==> flow/design.v <==
module sync_mul_unit_n #(
    parameter integer DATA_W = 6
) (
    input wire core_clk,
    input wire adv,
    input wire [DATA_W-1:0] lhs,
    input wire [DATA_W-1:0] rhs,
    output wire [2*DATA_W-1:0] q
);
    reg [DATA_W-1:0] lhs_d1;
    always @(posedge core_clk) begin
        if (adv) begin
            lhs_d1 <= lhs;
        end
    end
    reg [DATA_W-1:0] rhs_d1;
    always @(posedge core_clk) begin
        if (adv) begin
            rhs_d1 <= rhs;
        end
    end
    assign q = lhs_d1 * rhs_d1;
endmodule
### Step by step through the tools: sync_mul_unit_n

The steps from the RTL of sync_mul_unit_n to its reports follow in flow order.
Line numbers count from 1 in the design file above.
Library cell names are shortened.
A cell with -- has no value.

| set-up | value |
|---|---|
| top | sync_mul_unit_n |
| clock | core_clk |
| library | sky130hd |
| library corner | tt_025C_1v80 |

### Elaborated design

Yosys after proc, flatten, opt, wreduce and memory -nomap, before mapping. Enables and synchronous resets that opt folds into registers are not counted as muxes. Memory bits, and registers merged into a memory's read port (data or address), are not among the register bits. Print and check cells are not counted. Equal cells are merged and count once.

| bit counts | value |
|---|---|
| bits in registers | 12 |
| input port bits | 14 |

| operators by class | value |
|---|---|
| multiply operators | 1 |

Operators by type and width:

| kind | number |
|---|---|
| 6-bit by 6-bit multiplier with 12-bit output | 1 |

### Logic depth

Yosys ltp: most cells in a row. Word level: on the elaborated netlist, between registers, memories and ports. Mapped: between sequential cells and ports; inverters and the memories' decode and read muxes count.

| depth | value |
|---|---|
| word-level depth | 1 |
| ABC_AREA | 0 |
| mapped depth | 12 |
| gate-level depth less buffers | 12 |

### Synthesis result

The flow's flattened synthesis, as Yosys stat reports it; memories are mapped. The netlist is that of the ABC_AREA named above (0 if unset); the other value can give another one.

Cell types:

| cell | number |
|---|---|
| edfxtp_1 | 12 |
| fa_1 | 17 |
| ha_1 | 20 |
| and2_1 | 27 |
| inv_1 | 25 |
| nand2_1 | 11 |
| xnor2_1 | 4 |
| xor2_1 | 2 |
| a21oi_4 | 1 |
| a21oi_1 | 3 |
| o31ai_2 | 1 |
| a221o_1 | 1 |
| and2b_4 | 1 |
| nor3_1 | 2 |
| a211o_1 | 1 |
| o2bb2ai_1 | 1 |
| a211oi_1 | 1 |
| a21o_1 | 1 |

Other cell types: 9; their cells: 9.

| synthesis totals | value |
|---|---|
| standard cells after synthesis | 140 |
| mapped area | 1466.4 µm² |
| flip-flop cells | 12 |

### Worst setup path after synthesis

OpenSTA on the mapped netlist: ideal clock, no wires. The path of least setup slack (recovery checks aside). Input and output delay are each 20% of the period. Register names are those of the netlist, which keeps one name where synthesis merged equal registers.

| timing path after synthesis | value |
|---|---|
| path type | register to output |
| start point | register lhs_d1[2] |
| end point | output port q[11] |
| clock period | 5110 ps |
| arrival | 3273 ps |
| required time | 4088 ps |
| slack | 815 ps |
| delay of the path | 3273 ps |
| stages | 11 |
| buffers on the path | 0 |
| synthesis period reached | 4295 ps |

"delay of the path" is the arrival time less input delay plus setup time.
A path that ends at an output port has no setup time.
"stages": output pins that drive a net of the path, with the launching flip-flop's if there is one; two outputs of one cell count as two.
"synthesis period reached" = period - worst setup slack (recovery checks aside). The figure is calculated, with input and output delays left at 20% of the set period.
The rows between start and end are the longest chain of elaborated cells between them; the timing report does not say that the signal goes this way. Where chains are equally long, one stands for them.
A line is the first line of the expression or statement that the cell stems from. Yosys adds cells for indexed reads and writes and turns some case tables into memories.

| between the ends, after synthesis | value |
|---|---|
| cells stage by stage | edfxtp_1 > and2_1 > fa_1 > ha_1 > fa_1 > inv_1 > fa_1 > nand2b_1 > o2bb2ai_1 > o31ai_2 > xor2_1 |
| cells in the longest elaborated chain | 1 |
| elaborated cells between the ends (all ways) | 1 |
| source lines of those cells | 1 |
| those cells by class | mul (1) |

Ends and longest elaborated chain, after synthesis:

| element | RTL line | text |
|---|---|---|
| start, declared | 10 | `reg [DATA_W-1:0] lhs_d1;` |
| start, assigned | 13 | `lhs_d1 <= lhs;` |
| 6-bit by 6-bit multiplier with 12-bit output | 22 | `assign q = lhs_d1 * rhs_d1;` |
| end, declared | 8 | `output wire [2*DATA_W-1:0] q` |

### Path in the finished layout

From the final timing report of run 2: the path of least setup slack in the routed layout; clock arrival at registers is part of the times.
The path's times are printed in steps of 10 ps; the period is the one set.

| timing path after layout | value |
|---|---|
| path type | register to output |
| start point | register rhs_d1[5] |
| end point | output port q[10] |
| clock period | 5000 ps |
| arrival | 3550 ps |
| required time | 4000 ps |
| slack | 450 ps |
| stages | 14 |
| buffers on the path | 1 |

The rows between start and end are the longest chain of elaborated cells between them; the timing report does not say that the signal goes this way. Where chains are equally long, one stands for them.

| between the ends, after layout | value |
|---|---|
| cells stage by stage | edfxtp_1 > nand2_1 > fa_1 > inv_2 > fa_1 > inv_2 > fa_2 > inv_2 > ha_4 > nand3_2 > nand2_2 > a221o_1 > a211o_1 > buf_2 |
| cells in the longest elaborated chain | 1 |
| elaborated cells between the ends (all ways) | 1 |
| source lines of those cells | 1 |
| those cells by class | mul (1) |

Ends and longest elaborated chain, after layout:

| element | RTL line | text |
|---|---|---|
| start, declared | 16 | `reg [DATA_W-1:0] rhs_d1;` |
| start, assigned | 19 | `rhs_d1 <= rhs;` |
| 6-bit by 6-bit multiplier with 12-bit output | 22 | `assign q = lhs_d1 * rhs_d1;` |
| end, declared | 8 | `output wire [2*DATA_W-1:0] q` |

Subject: sync_mul_unit_n on sky130hd, stored results

Hello all,

Below are 3 stored runs of the flow (Yosys, OpenROAD; platform sky130hd) on sync_mul_unit_n, each with its settings and what was measured, unordered. Constraints: input delay and output delay 20% of the set period each, output load 0.01 pF.
"period reached" means the clock period less the worst setup slack. The figure is calculated, with input and output delays left at 20% of the set period.
"critical setup path time" is the time allowed to the run's worst setup path (the clock period less input and output delay, where it has them) less its slack. Clock arrival times count: a late capture clock shortens it, a late launch clock lengthens it.
"overall power" is the tool's figure for a default switching activity; nothing was simulated.
"critical setup path time" is known to 10 ps.
A setting shown as - is not set for that run.
Results: - = not shown.

| run name | period_ns | CORE_UTILIZATION | SETUP_SLACK_MARGIN | CELL_PAD_IN_SITES_DETAIL_PLACEMENT | ABC_AREA | GPL_TIMING_DRIVEN | GPL_ROUTABILITY_DRIVEN | SLEW_MARGIN | CAP_MARGIN | CORE_MARGIN | PLACE_DENSITY_LB_ADDON | TNS_END_PERCENT | CTS_CLUSTER_SIZE | post-route setup TNS (ps) | chip area after synthesis (Yosys) (µm²) | die size (µm²) | worst hold slack in the final report (ps) | overall power (uW) | post-layout utilization (%) | period reached (ps) | standard-cell area after layout (µm²) | setup slack of the worst path (ps) | critical setup path time (ps) | worst setup path type |
|---|---|---|---|---|---|---|---|---|---|---|---|---|---|---|---|---|---|---|---|---|---|---|---|---|
| run 1 | 3.82 | 56 | -0.15 | 2 | 1 | 1 | 0 | 15 | 20 | 2 | - | - | - | - | - | - | - | - | - | - | - | - | - | - |
| run 2 | 5.0 | 53 | 1.15 | - | - | 0 | 1 | 40 | 20 | 2 | 0.03 | 65 | 20 | 0 | 1466.4 | 3203.6 | 1298 | 877.6 | 79.0 | 4550 | 2123.3 | 450 | 3550 | register to output |
| run 3 | 5.11 | 40 | - | - | - | - | - | 20 | 20 | 2 | - | - | - | 0 | 1466.4 | 4166.1 | 1313 | 708.9 | 56.3 | 4911 | 1923.1 | 199 | 3890 | register to output |

Run 1: no final report: placement broke off with DPL-0033

Thanks
